==> flow/design.v <==
module core_add_unit_v2 #(
   parameter WD = 16
) (
   input  wire core_clk,
   input  wire [WD-1:0] in0_in,
   input  wire [WD-1:0] in1_in,
   output wire [WD-1:0] o_out
);
   reg [WD-1:0] r_in0;
   reg [WD-1:0] r_in1;
   always @(posedge core_clk) begin
      r_in0 <= in0_in;
      r_in1 <= in1_in;
   end
   wire [WD:0] t = r_in0 + r_in1;
   assign o_out = t[WD] ? {WD{1'b1}} : t[WD-1:0];
endmodule
--- tool output ---
Step by step through the tools: core_add_unit_v2
Tool output for the members of one design family, told apart by "WD", in the order of the flow. The RTL above is that of WD = 16; lines are counted from 1 in the file of the member named. Library cell names are shortened. Not given: --

Design top: core_add_unit_v2. Clock: core_clk. Library: sky130hd. Library corner: tt_025C_1v80.

Members of the sweep
New or changed lines of each further member against the RTL above, in its own file; lines it lacks are not shown.

New or changed lines: WD 32 (RTL line 2) `parameter WD = 32`; WD 36 (RTL line 2) `parameter WD = 36`; WD 40 (RTL line 2) `parameter WD = 40`; WD 96 (RTL line 2) `parameter WD = 96`.

Word level
Source: Yosys, flattened and elaborated, memories not mapped. Widths are those after wreduce; folded enables and synchronous resets count as part of the registers. Registers that Yosys merges into a memory's read port (data or address) are not register bits. Print and check cells do not count. Equal cells are merged and count once.

Storage and ports: WD 16 (flip-flop bits (word level) 32, bits of input ports 33, output and inout port bits 16); WD 32 (flip-flop bits (word level) 64, bits of input ports 65, output and inout port bits 32); WD 36 (flip-flop bits (word level) 72, bits of input ports 73, output and inout port bits 36); WD 40 (flip-flop bits (word level) 80, bits of input ports 81, output and inout port bits 40); WD 96 (flip-flop bits (word level) 192, bits of input ports 193, output and inout port bits 96).

Operators by class: WD 16 ($add $sub $neg 1, multiplexer cells 1); WD 32 ($add $sub $neg 1, multiplexer cells 1); WD 36 ($add $sub $neg 1, multiplexer cells 1); WD 40 ($add $sub $neg 1, multiplexer cells 1); WD 96 ($add $sub $neg 1, multiplexer cells 1).

Operator list (kinds with counts): WD 16 (1 x adder 16 x 16 -> 17 bit; 1 x 2-to-1 mux 16 bit); WD 32 (1 x adder 32 x 32 -> 33 bit; 1 x 2-to-1 mux 32 bit); WD 36 (1 x adder 36 x 36 -> 37 bit; 1 x 2-to-1 mux 36 bit); WD 40 (1 x adder 40 x 40 -> 41 bit; 1 x 2-to-1 mux 40 bit); WD 96 (1 x adder 96 x 96 -> 97 bit; 1 x 2-to-1 mux 96 bit).

Depth
Depth = most cells in a row (Yosys ltp): at word level without a register or memory, in the mapped netlist without a sequential cell, where the memories' decode and read muxes count.

Depth: WD 16 (word-level depth 2, ABC_AREA 0, gate-level depth with buffers 9, mapped depth without buffers 8); WD 32 (word-level depth 2, ABC_AREA 0, gate-level depth with buffers 11, mapped depth without buffers 9); WD 36 (word-level depth 2, ABC_AREA 0, gate-level depth with buffers 13, mapped depth without buffers 11); WD 40 (word-level depth 2, ABC_AREA 0, gate-level depth with buffers 10, mapped depth without buffers 9); WD 96 (word-level depth 2, ABC_AREA 0, gate-level depth with buffers 14, mapped depth without buffers 13).

Netlist
Yosys stat after the flow's synthesis: flattened, memories mapped to cells. It holds for the ABC_AREA given above (unset counts as 0); a run with the other value may have another netlist.

Cell types (types with counts): WD 16 (32 x dfxtp_1; 16 x ha_1; 10 x nand2_2; 6 x xnor2_1; 5 x xor2_1; 5 x a21o_1; 7 x a21oi_1; 7 x o21ai_0; 4 x o21a_1; 1 x a2111oi_4; 1 x fa_1; 5 x nand2_1; 3 x nand2b_1; 1 x a21oi_4; 1 x a2111oi_2; 2 x a211oi_1; 2 x a21boi_0; 1 x buf_8; [+25]); WD 32 (64 x dfxtp_1; 32 x ha_1; 44 x nand2_1; 32 x a21oi_1; 10 x xnor2_1; 10 x xor2_1; 10 x a21o_1; 14 x o21ai_0; 14 x nor2_1; 10 x nand3_1; 10 x o21ai_1; 6 x a211oi_1; 6 x o21a_1; 6 x o21bai_1; 8 x nor3_1; 6 x nand2b_1; 5 x o211ai_1; 9 x inv_1; [+52]); WD 36 (72 x dfxtp_1; 36 x ha_1; 38 x a21oi_1; 30 x nand2_2; 17 x xnor2_1; 25 x o21ai_0; 14 x xor2_1; 14 x a21o_1; 26 x nand2_1; 24 x nor2_1; 12 x nand3_1; 2 x o2bb2ai_4; 4 x buf_6; 1 x a311oi_4; 7 x inv_1; 4 x nand2b_1; 4 x nand4_1; 3 x o211ai_1; [+37]); WD 40 (80 x dfxtp_1; 40 x ha_1; 48 x a21oi_1; 60 x nand2_1; 15 x xor2_1; 15 x a21o_1; 21 x o21ai_0; 23 x nor2_1; 9 x xnor2_1; 10 x o21a_1; 7 x o211ai_1; 7 x o21bai_1; 6 x a211oi_1; 6 x a21boi_0; 6 x a31oi_1; 6 x and2_1; 6 x and3_1; 6 x nand4_1; [+81]); WD 96 (192 x dfxtp_1; 96 x ha_1; 192 x nand2_1; 130 x a21oi_1; 51 x xnor2_1; 48 x a21o_1; 39 x xor2_1; 59 x o21ai_0; 75 x nor2_1; 33 x nand4_1; 23 x o21bai_1; 18 x o21a_1; 27 x clkbuf_1; 19 x o21ai_1; 18 x buf_2; 23 x inv_1; 13 x a31oi_1; 12 x and3_1; [+121]).

The mark [+n] counts cells that are not listed.

Synthesis totals: WD 16 (cell count 134, mapped area 1473.9 µm², sequential part of the area 640.6 µm², mapped flip-flops 32, buffer cells 1); WD 32 (cell count 348, mapped area 3210.6 µm², sequential part of the area 1281.2 µm², mapped flip-flops 64, buffer cells 9); WD 36 (cell count 370, mapped area 3544.6 µm², sequential part of the area 1441.4 µm², mapped flip-flops 72, buffer cells 8); WD 40 (cell count 452, mapped area 4151.5 µm², sequential part of the area 1601.5 µm², mapped flip-flops 80, buffer cells 10); WD 96 (cell count 1189, mapped area 10138.5 µm², sequential part of the area 3843.7 µm², mapped flip-flops 192, buffer cells 45).

Path before layout
OpenSTA on the mapped netlist: ideal clock, no wires. The path of least setup slack (recovery checks aside). Input and output delay are each 20% of the period. Register names are those of the netlist, which keeps one name where synthesis merged equal registers.

Timing after synthesis: WD 16 (path kind flip-flop to output port, start register r_in0[0], end output o_out[14], period 3.26 ns, slack 0.524 ns, driving pins on the path 9, delay of the path 2.084 ns, synthesis period reached 2.736 ns); WD 32 (path kind flip-flop to output port, start register r_in0[0], end output o_out[10], period 3.87 ns, slack 0.616 ns, driving pins on the path 11, delay of the path 2.480 ns, synthesis period reached 3.254 ns); WD 36 (path kind flip-flop to output port, start register r_in0[0], end output o_out[10], period 4.1 ns, slack 0.657 ns, driving pins on the path 14, delay of the path 2.623 ns, synthesis period reached 3.443 ns); WD 40 (path kind flip-flop to output port, start register r_in0[0], end output o_out[35], period 3.66 ns, slack 0.585 ns, driving pins on the path 10, delay of the path 2.343 ns, synthesis period reached 3.075 ns); WD 96 (path kind flip-flop to output port, start register r_in0[0], end output o_out[4], period 4.58 ns, slack 0.734 ns, driving pins on the path 15, delay of the path 2.930 ns, synthesis period reached 3.846 ns).

"delay of the path" = arrival - input delay + setup time. At an output port there is no setup time. "driving pins on the path": output pins that drive a net of the path, with the launching flip-flop's if there is one; two outputs of one cell count as two. "synthesis period reached" is the clock period less the worst setup slack; recovery checks do not enter. This is arithmetic on one report: input and output delays are still those of the set period (20% each). Between the ends stands the longest chain of elaborated cells between them, by number of cells; it is not shown to be the way that was timed. Of several equally long chains one is given. Each line given opens the expression or statement behind the cell; cells for indexed reads and writes are added by Yosys, which also makes memories of some case tables.

Between the ends, after synthesis, WD = 16:
The figure for length of the longest elaborated chain is 2.

RTL lines, path after synthesis, WD = 16: start, declared (RTL line 9) `reg [WD-1:0] r_in0;`; start, assigned (RTL line 12) `r_in0 <= in0_in;`; adder 16 x 16 -> 17 bit (RTL line 15) `wire [WD:0] t = r_in0 + r_in1;`; 2-to-1 mux 16 bit (RTL line 16) `assign o_out = t[WD] ? {WD{1'b1}} : t[WD-1:0];`; end, declared (RTL line 7) `output wire [WD-1:0] o_out`.

Between the ends, after synthesis, WD = 96:
The figure for length of the longest elaborated chain is 2.

RTL lines, path after synthesis, WD = 96: start, declared (RTL line 9) `reg [WD-1:0] r_in0;`; start, assigned (RTL line 12) `r_in0 <= in0_in;`; adder 96 x 96 -> 97 bit (RTL line 15) `wire [WD:0] t = r_in0 + r_in1;`; 2-to-1 mux 96 bit (RTL line 16) `assign o_out = t[WD] ? {WD{1'b1}} : t[WD-1:0];`; end, declared (RTL line 7) `output wire [WD-1:0] o_out`.

Path in the finished layout
From the final timing report of each member's run: the path of least setup slack in the routed layout; clock arrival at registers is part of the times.

Timing post-layout: WD 16 (path kind flip-flop to output port, start register r_in0[0], end output o_out[14], period 3.26 ns, slack 0.03 ns, driving pins on the path 11, data arrival time 2.58 ns, buffers on the path 2); WD 32 (path kind flip-flop to output port, start register r_in1[17], end output o_out[30], period 3.87 ns, slack 0.11 ns, driving pins on the path 12, data arrival time 2.99 ns, buffers on the path 3); WD 36 (path kind flip-flop to output port, start register r_in0[0], end output o_out[0], period 4.1 ns, slack 0.04 ns, driving pins on the path 15, data arrival time 3.24 ns, buffers on the path 3); WD 40 (path kind flip-flop to output port, start register r_in0[3], end output o_out[31], period 3.66 ns, slack 0.06 ns, driving pins on the path 13, data arrival time 2.87 ns, buffers on the path 4); WD 96 (path kind flip-flop to output port, start register r_in0[1], end output o_out[91], period 4.58 ns, slack -0.09 ns, driving pins on the path 17, data arrival time 3.76 ns, buffers on the path 4).

Measured runs
One run of the flow (Yosys, OpenROAD) for each member, with settings and measured results. Input and output delays are each 20% of the period that was set; the output load is 0.01 pF.

The entry for CAP_MARGIN reads 20. CORE_MARGIN: 2. Under CORE_UTILIZATION stands 40. For SLEW_MARGIN the number is 20.

Settings by member (period_ns): WD 16 (3.26); WD 32 (3.87); WD 36 (4.1); WD 40 (3.66); WD 96 (4.58).

Results: WD 16 (post-synthesis cell area 1473.9 µm², area of the die 4186.1 µm², standard-cell area after layout 2247.2 µm², final design utilization 62.3%, worst setup slack after layout 0.033 ns, total negative slack 0.000 ns, worst hold slack 0.806 ns, achieved period 3.227 ns); WD 32 (post-synthesis cell area 3210.6 µm², area of the die 8759.1 µm², standard-cell area after layout 4813.4 µm², final design utilization 62.0%, worst setup slack after layout 0.110 ns, total negative slack 0.000 ns, worst hold slack 0.876 ns, achieved period 3.760 ns); WD 36 (post-synthesis cell area 3544.6 µm², area of the die 9630.5 µm², standard-cell area after layout 5041.1 µm², final design utilization 58.4%, worst setup slack after layout 0.041 ns, total negative slack 0.000 ns, worst hold slack 0.897 ns, achieved period 4.059 ns); WD 40 (post-synthesis cell area 4151.5 µm², area of the die 11209.5 µm², standard-cell area after layout 5989.5 µm², final design utilization 58.8%, worst setup slack after layout 0.055 ns, total negative slack 0.000 ns, worst hold slack 0.786 ns, achieved period 3.605 ns); WD 96 (post-synthesis cell area 10138.5 µm², area of the die 26635.9 µm², standard-cell area after layout 15551.2 µm², final design utilization 62.1%, worst setup slack after layout -0.095 ns, total negative slack -0.619 ns, worst hold slack 0.901 ns, achieved period 4.675 ns).

"achieved period" is the run's clock period less its worst setup slack. It is reckoned from that one timing run; input and output delays stay at 20% of the period that was set.
--- end ---
